==> flow/design.v <==
module alu_data_mux_p #(
  parameter int XLEN = 4,
  parameter int NIN = 24,
  parameter int LG = $clog2(NIN)
) (
  input  logic clk_i,
  input  logic aresetn,
  input  logic valid,
  input  logic [NIN*XLEN-1:0] ch,
  input  logic [LG-1:0] s,
  output logic [XLEN-1:0] q
);
  always_ff @(posedge clk_i or negedge aresetn) begin
    if (~aresetn) begin
      q <= 0;
    end else if (valid) begin
      q <= ch[s*XLEN +: XLEN];
    end
  end
endmodule
-- Step by step through the tools: alu_data_mux_p
What the tools print for alu_data_mux_p, step after step.
Lines are those of the file above, counted from 1.
Library cell names are shortened.
Not given: n/a
- design top: alu_data_mux_p
- clock port: clk_i
- library: sky130hd
- corner: tt_025C_1v80

-- Elaborated design
Yosys after proc, flatten, opt, wreduce and memory -nomap, before mapping. Enables and synchronous resets that opt folds into registers are not counted as muxes. Memory bits, and registers merged into a memory's read port (data or address), are not among the register bits. Print and check cells are not counted. Equal cells are merged and count once.
- bits in registers at 4
- input port bits: 104
- output and inout bits: 4
- noted shift-type cells: 1
- operator list (cell ; count):
    indexed select 96 x 8 -> 4 bit ; 1

-- Logic depth
Longest topological path by Yosys (ltp), each cell counted once; first at word level (registers and memories cut), then after technology mapping (sequential cells cut; the memories' decode and read muxes count).
- noted depth after elaboration: 1
- noted ABC_AREA: 0
- noted depth in mapped cells: 7

-- Netlist
Source: synth_stat.txt of the flow (Yosys; design flattened, memories mapped). It holds for the ABC_AREA given above (unset counts as 0); a run with the other value may have another netlist.
Totals and module areas in this step are rounded.
- cells in the netlist: 134
- cell area after synthesis: 1090 um2
- sequential area: 100 um2
- flip-flop cells at 4
- noted buffers: 12
- cell types (type ; count ; total area (um2)):
    mux2i_1 ; 48 ; 480.461
    dfrtp_1 ; 4 ; 100.096
    buf_6 ; 8 ; 90.086
    a21oi_1 ; 12 ; 60.058
    a22oi_1 ; 8 ; 60.058
    nand2_1 ; 16 ; 60.058
    nand3_1 ; 12 ; 60.058
    a41oi_2 ; 2 ; 32.531
    nand4_1 ; 4 ; 25.024
    nor2b_1 ; 4 ; 25.024
    nor2_1 ; 5 ; 18.768
    a41oi_1 ; 2 ; 17.517
    buf_8 ; 1 ; 15.014
    nand2b_1 ; 2 ; 12.512
    and2_4 ; 1 ; 8.758
    buf_4 ; 1 ; 7.507
    nor2_2 ; 1 ; 6.256
    or2_2 ; 1 ; 6.256
Other cell types: 2; their cells: 2.

-- Worst setup path after synthesis
Source: OpenSTA report_checks on the synthesized netlist (no wires, ideal clock, input and output delay 20% of the period each), path of least setup slack; recovery checks are left aside. Register names are those of the netlist, which keeps one name where synthesis merged equal registers.
- kind: input to register
- from: input port s[0]
- to: register q[1]
- period at 1500 ps
- external input delay at 300 ps
- library setup time: 145 ps
- launch time at the first pin: 300 ps
- arrival: 1114 ps
- data required time: 1355 ps
- noted setup slack: 241 ps
- delay of the path at 959 ps
- stages at 7
- noted path buffers: 3
- synthesis period reached: 1259 ps
"delay of the path" is the arrival time less input delay plus setup time.
"stages" counts driving pins, that of a launching flip-flop among them; a cell with two outputs on the path counts twice.
"synthesis period reached" is the clock period less the worst setup slack; recovery checks do not enter. This is arithmetic on one report: input and output delays are still those of the set period (20% each).
Between the ends stands the longest chain of elaborated cells between them, by number of cells; it is not shown to be the way that was timed. Of several equally long chains one is given.
A line is the first line of the expression or statement that the cell stems from. Yosys adds cells for indexed reads and writes and turns some case tables into memories.
- path through: buf_4 > buf_8 > buf_6 > mux2i_1 > nand2_1 > nand3_1 > a41oi_2
- noted cells in the longest elaborated chain: 1
- noted elaborated cells on any way between the ends: 1
- RTL lines with such cells at 1
- classes of those cells: shift: 1
- ends and longest elaborated chain, after synthesis (what ; RTL line ; RTL):
    start: declaration ; 10 ; input  logic [LG-1:0] s,
    indexed select 96 x 8 -> 4 bit ; 17 ; q <= ch[s*XLEN +: XLEN];
    end: assignment ; 15 ; q <= 0;
    end: assignment ; 17 ;
    end: declaration ; 11 ; output logic [XLEN-1:0] q

-- Path in the finished layout
From the final timing report of flow run 3: the path of least setup slack in the routed layout; clock arrival at registers is part of the times.
The path's times are printed in steps of 10 ps; the period is the one set.
- kind: register to output
- from: register q[2]
- to: output port q[2]
- period at 1500 ps
- launch time at the first pin: 250 ps
- arrival: 1180 ps
- data required time: 1200 ps
- noted setup slack: 20 ps
- stages at 2
- noted path buffers: 1
- path through: dfrtp_1 > clkdlybuf4s50_1
- noted cells in the longest elaborated chain: 0
- noted elaborated cells on any way between the ends: 0
- RTL lines with such cells at 0
- ends and longest elaborated chain, post-layout (what ; RTL line ; RTL):
    start: declaration ; 11 ; output logic [XLEN-1:0] q
    start: assignment ; 15 ; q <= 0;
    start: assignment ; 17 ; q <= ch[s*XLEN +: XLEN];
    end: declaration ; 11 ;

# Flow runs of alu_data_mux_p

Measured data: module alu_data_mux_p, platform sky130hd, 3 stored runs of the flow under differing settings, order arbitrary. Input and output delays are each 20% of the period that was set; the output load is 0.01 pF.
"period achieved" = clock period - worst setup slack. The figure is calculated, with input and output delays left at 20% of the set period.
"allowed time less slack (worst setup path)" means the part of the period allowed to the worst setup path (the constraints hold back 20% at inputs and 20% at outputs) less its slack; where the path has registers, the arrival times of their clocks count too.
"power" is the tool's figure for a default switching activity; nothing was simulated.
"allowed time less slack (worst setup path)" is given in steps of 10 ps.
Values from the reports are rounded here.

Flow run 1

==> flow/run.sh <==
#!/bin/bash
# the make line also repeats the synthesis and layout settings of config.mk as NAME=value (left out here)
make -C /OpenROAD-flow-scripts/flow DESIGN_CONFIG=/design/flow/config.mk WORK_HOME=/design/flow/orfs CLKGATE_MAP_FILE= finish
==> flow/config.mk <==
export PLATFORM = sky130hd
export DESIGN_NAME = alu_data_mux_p
export DESIGN_NICKNAME = alu_data_mux_p
export VERILOG_FILES = /design/flow/design.v
export SDC_FILE = /design/flow/constraint.sdc
export NUM_CORES = 4
export LEC_CHECK = 0
export CAP_MARGIN = 20
export CELL_PAD_IN_SITES_GLOBAL_PLACEMENT = 3
export CORE_ASPECT_RATIO = 1.2
export CORE_MARGIN = 2
export CORE_UTILIZATION = 71
export GPL_ROUTABILITY_DRIVEN = 0
export GPL_TIMING_DRIVEN = 0
export PLACE_DENSITY_LB_ADDON = 0.25
export SETUP_SLACK_MARGIN = 0.14
export SLEW_MARGIN = 15
export TNS_END_PERCENT = 60
==> flow/constraint.sdc <==
create_clock -name core_clock -period 0.965 [get_ports {clk_i}]
set_input_delay 0.1930 -clock core_clock [delete_from_list [all_inputs] [get_ports {clk_i}]]
set_output_delay 0.1930 -clock core_clock [all_outputs]
set_load 0.01 [all_outputs]

Flow run 1: incomplete, placement halted on FLW-0024.

Flow run 2

==> flow/run.sh <==
#!/bin/bash
# the make line also repeats the synthesis and layout settings of config.mk as NAME=value (left out here)
make -C /OpenROAD-flow-scripts/flow DESIGN_CONFIG=/design/flow/config.mk WORK_HOME=/design/flow/orfs CLKGATE_MAP_FILE= finish
==> flow/config.mk <==
export PLATFORM = sky130hd
export DESIGN_NAME = alu_data_mux_p
export DESIGN_NICKNAME = alu_data_mux_p
export VERILOG_FILES = /design/flow/design.v
export SDC_FILE = /design/flow/constraint.sdc
export NUM_CORES = 4
export LEC_CHECK = 0
export CAP_MARGIN = 10
export CELL_PAD_IN_SITES_DETAIL_PLACEMENT = 1
export CORE_ASPECT_RATIO = 1.34
export CORE_MARGIN = 6
export CORE_UTILIZATION = 60
export CTS_CLUSTER_SIZE = 19
export GPL_ROUTABILITY_DRIVEN = 0
export PLACE_DENSITY_LB_ADDON = 0.16
export SETUP_SLACK_MARGIN = 0.17
export SLEW_MARGIN = 30
==> flow/constraint.sdc <==
create_clock -name core_clock -period 0.884 [get_ports {clk_i}]
set_input_delay 0.1768 -clock core_clock [delete_from_list [all_inputs] [get_ports {clk_i}]]
set_output_delay 0.1768 -clock core_clock [all_outputs]
set_load 0.01 [all_outputs]

Flow run 2: incomplete, placement halted on FLW-0024.

Flow run 3

==> flow/run.sh <==
#!/bin/bash
# the make line also repeats the synthesis and layout settings of config.mk as NAME=value (left out here)
make -C /OpenROAD-flow-scripts/flow DESIGN_CONFIG=/design/flow/config.mk WORK_HOME=/design/flow/orfs CLKGATE_MAP_FILE= finish
==> flow/config.mk <==
export PLATFORM = sky130hd
export DESIGN_NAME = alu_data_mux_p
export DESIGN_NICKNAME = alu_data_mux_p
export VERILOG_FILES = /design/flow/design.v
export SDC_FILE = /design/flow/constraint.sdc
export NUM_CORES = 4
export LEC_CHECK = 0
export CAP_MARGIN = 20
export CORE_MARGIN = 2
export CORE_UTILIZATION = 40
export SLEW_MARGIN = 20
==> flow/constraint.sdc <==
create_clock -name core_clock -period 1.5 [get_ports {clk_i}]
set_input_delay 0.3000 -clock core_clock [delete_from_list [all_inputs] [get_ports {clk_i}]]
set_output_delay 0.3000 -clock core_clock [all_outputs]
set_load 0.01 [all_outputs]

Measured in flow run 3:
- netlist area reported by Yosys at 1090 um2
- die size at 3170 um2
- standard-cell area after layout at 2200 um2
- noted the utilization after routing: 0.863
- noted the worst setup slack after layout: 21 ps
- noted the sum of negative setup slack: 0 ps
- power at 0.000867 W
- period achieved at 1479 ps
- noted the allowed time less slack (worst setup path): 1180 ps
- worst setup path kind: register to output
